==> flow/design.v <==
module sync_mag_cmp_mod #(
   parameter int W = 112
) (
   input  logic clock,
   input  logic clr,
   input  logic [W-1:0] u,
   input  logic [W-1:0] v,
   output logic le
);
   logic [W-1:0] u_q;
   logic [W-1:0] v_q;
   always_ff @(posedge clock or posedge clr) begin
      if (clr) begin
         u_q <= 0;
         v_q <= 0;
      end else begin
         u_q <= u;
         v_q <= v;
      end
   end
   assign le = (u_q <= v_q);
endmodule
# Step by step through the tools: sync_mag_cmp_mod

Tool output for the design above, in the order of the flow.
Line numbers count from 1 in the design file above.
Cell names lack the library's common part.
The mark n/a stands for no value.

Top module: sync_mag_cmp_mod
Clock: clock
Standard-cell library: sky130hd
Timing corner: tt_025C_1v80

# Elaborated design

Yosys after proc, flatten, opt, wreduce and memory -nomap, before mapping. Enables and synchronous resets that opt folds into registers are not counted as muxes. Memory bits, and registers merged into a memory's read port (data or address), are not among the register bits. Print and check cells are not counted. Equal cells are merged and count once.

Word-level cells: 3
Input port bits: 226
Output and inout port bits: 1
Register bits: 224

Magnitude comparators: 1

Operator list:

| operator              | count |
| 112-bit <= comparator | 1 |

# Depth

Yosys ltp: most cells in a row. Word level: on the elaborated netlist, between registers, memories and ports. Mapped: between sequential cells and ports; inverters and the memories' decode and read muxes count.

Word-level depth: 1
ABC_AREA: 0
Gate-level depth with buffers: 9
Mapped depth without buffers: 9

# After synthesis

The flow's flattened synthesis, as Yosys stat reports it; memories are mapped. The netlist is that of the ABC_AREA named above (0 if unset); the other value can give another one.
Totals and module areas in this step are rounded.

Sequential area: 5600 um^2
Flip-flops: 224
Cells in the netlist: 633
Buffers: 0
Synthesis area: 8500 um^2

Cells by type:

| cell     | count | total area (um^2) |
| dfrtp_1  | 224   | 5.61E+03 |
| ha_1     | 112   | 1.4E+03 |
| inv_1    | 114   | 427.91 |
| a21oi_1  | 46    | 230.221 |
| nand4_1  | 23    | 143.888 |
| nand2_1  | 29    | 108.854 |
| o21ai_0  | 13    | 65.062 |
| nand3_1  | 11    | 55.053 |
| a21o_1   | 7     | 52.55 |
| nor3_1   | 10    | 50.048 |
| a211oi_1 | 5     | 37.536 |
| o211ai_1 | 5     | 37.536 |
| a221oi_1 | 4     | 35.034 |
| nor2_1   | 9     | 33.782 |
| and4_1   | 3     | 26.275 |
| nor4_1   | 4     | 25.024 |
| nor3_4   | 1     | 16.266 |
| a22oi_1  | 2     | 15.014 |

Not listed: further types 11, cells in them 11.

# Worst setup path after synthesis

OpenSTA on the mapped netlist: ideal clock, no wires. The path of least setup slack (recovery checks aside). Input and output delay are each 20% of the period. Register names are those of the netlist, which keeps one name where synthesis merged equal registers.

Kind: reg-to-output
Start: register u_q[1]
End: output le
Delay of the path: 1.885 ns
Clock period: 2.95 ns
Data required time: 2.360 ns
Path buffers: 0
External output delay: 0.590 ns
Slack: 0.475 ns
Driving pins on the path: 9
Arrival time: 1.885 ns
Launch time at the first pin: 0.000 ns
Period reached after synthesis: 2.475 ns

"delay of the path" = arrival - input delay + setup time.
At an output port there is no setup time.
"driving pins on the path": output pins that drive a net of the path, with the launching flip-flop's if there is one; two outputs of one cell count as two.
"period reached after synthesis" = period - worst setup slack (recovery checks aside). The figure is calculated, with input and output delays left at 20% of the set period.
Between the ends stands the longest chain of elaborated cells between them, by number of cells; it is not shown to be the way that was timed. Of several equally long chains one is given.
A line is the first line of the expression or statement that the cell stems from. Yosys adds cells for indexed reads and writes and turns some case tables into memories.

Cell sequence: dfrtp_1 -> ha_1 -> nor2b_1 -> o211ai_1 -> a2111oi_1 -> or4b_1 -> a21oi_1 -> o211ai_1 -> o21ai_1
Cells in the longest elaborated chain: 1
Elaborated cells on any way between the ends: 1
RTL lines with such cells: 1
Those cells by class: compare (1)

Ends and longest elaborated chain, after synthesis:

| element               | RTL line | RTL |
| start, declared       | 10       | `logic [W-1:0] u_q;` |
| start, assigned       | 14       | `u_q <= 0;` |
| start, assigned       | 17       | `u_q <= u;` |
| 112-bit <= comparator | 21       | `assign le = (u_q <= v_q);` |
| end, declared         | 8        | `output logic le` |

# Worst path after layout

From the final timing report of record 1: the path of least setup slack in the routed layout; clock arrival at registers is part of the times.

Kind: reg-to-output
Start: register v_q[1]
End: output le
Data required time: 2.36 ns
Launch time at the first pin: 0.50 ns
Arrival time: 2.64 ns
External output delay: 0.59 ns
Slack: -0.28 ns
Path buffers: 1
Driving pins on the path: 11
Clock period: 2.95 ns

Between the ends stands the longest chain of elaborated cells between them, by number of cells; it is not shown to be the way that was timed. Of several equally long chains one is given.

Cell sequence: dfrtp_1 -> inv_2 -> ha_4 -> nor2b_4 -> o211ai_1 -> a2111oi_2 -> or4b_4 -> a21oi_2 -> o211ai_1 -> o21ai_1 -> buf_4
Cells in the longest elaborated chain: 1
Elaborated cells on any way between the ends: 1
RTL lines with such cells: 1
Those cells by class: compare (1)

Ends and longest elaborated chain, post-layout:

| element               | RTL line | RTL |
| start, declared       | 11       | `logic [W-1:0] v_q;` |
| start, assigned       | 15       | `v_q <= 0;` |
| start, assigned       | 18       | `v_q <= v;` |
| 112-bit <= comparator | 21       | `assign le = (u_q <= v_q);` |
| end, declared         | 8        | `output logic le` |

==> results <==
Record of 2 stored runs of the RTL-to-layout flow on sync_mag_cmp_mod, platform sky130hd. The runs are unordered. Constraints: input delay and output delay 20% of the set period each, output load 0.01 pF.
By "achieved period" is meant the clock period of the run minus its worst setup slack. This is arithmetic on one report: input and output delays are still those of the set period (20% each).
By "critical path time" is meant the share of the clock period that the worst setup path is allowed (20% is reserved at inputs, 20% at outputs), minus its slack. Clock arrival times at its registers enter into it.
"power consumption" is the tool's figure for a default switching activity; nothing was simulated.
Measured values are rounded.
Settings: . = not set for that run.

| item                                          | record 1      | record 2      |
| period_ns                                     | 2.95          | 4.01          |
| CAP_MARGIN                                    | 20            | 30            |
| CORE_MARGIN                                   | 2             | 10            |
| CORE_UTILIZATION                              | 40            | 43            |
| SLEW_MARGIN                                   | 20            | 15            |
| SETUP_SLACK_MARGIN                            | .             | 0.73          |
| CORE_ASPECT_RATIO                             | .             | 1.12          |
| TNS_END_PERCENT                               | .             | 95            |
| GPL_TIMING_DRIVEN                             | .             | 0             |
| MIN_ROUTING_LAYER                             | .             | met2          |
| MAX_ROUTING_LAYER                             | .             | met4          |
| achieved period (ns)                          | 3.233         | 3.581         |
| final design utilization                      | 0.58          | 0.62          |
| post-route setup TNS (ns)                     | -0.28         | 0.000         |
| power consumption (µW)                        | 6800          | 5000          |
| standard-cell area of the final layout (um^2) | 12000         | 12000         |
| area inside the die boundary (um^2)           | 22000         | 26000         |
| critical path time (ns)                       | 2.64          | 2.78          |
| worst path kind                               | reg-to-output | reg-to-output |
| cell area after synthesis (um^2)              | 8500          | 8500          |
| worst setup slack after layout (ns)           | -0.28         | 0.43          |
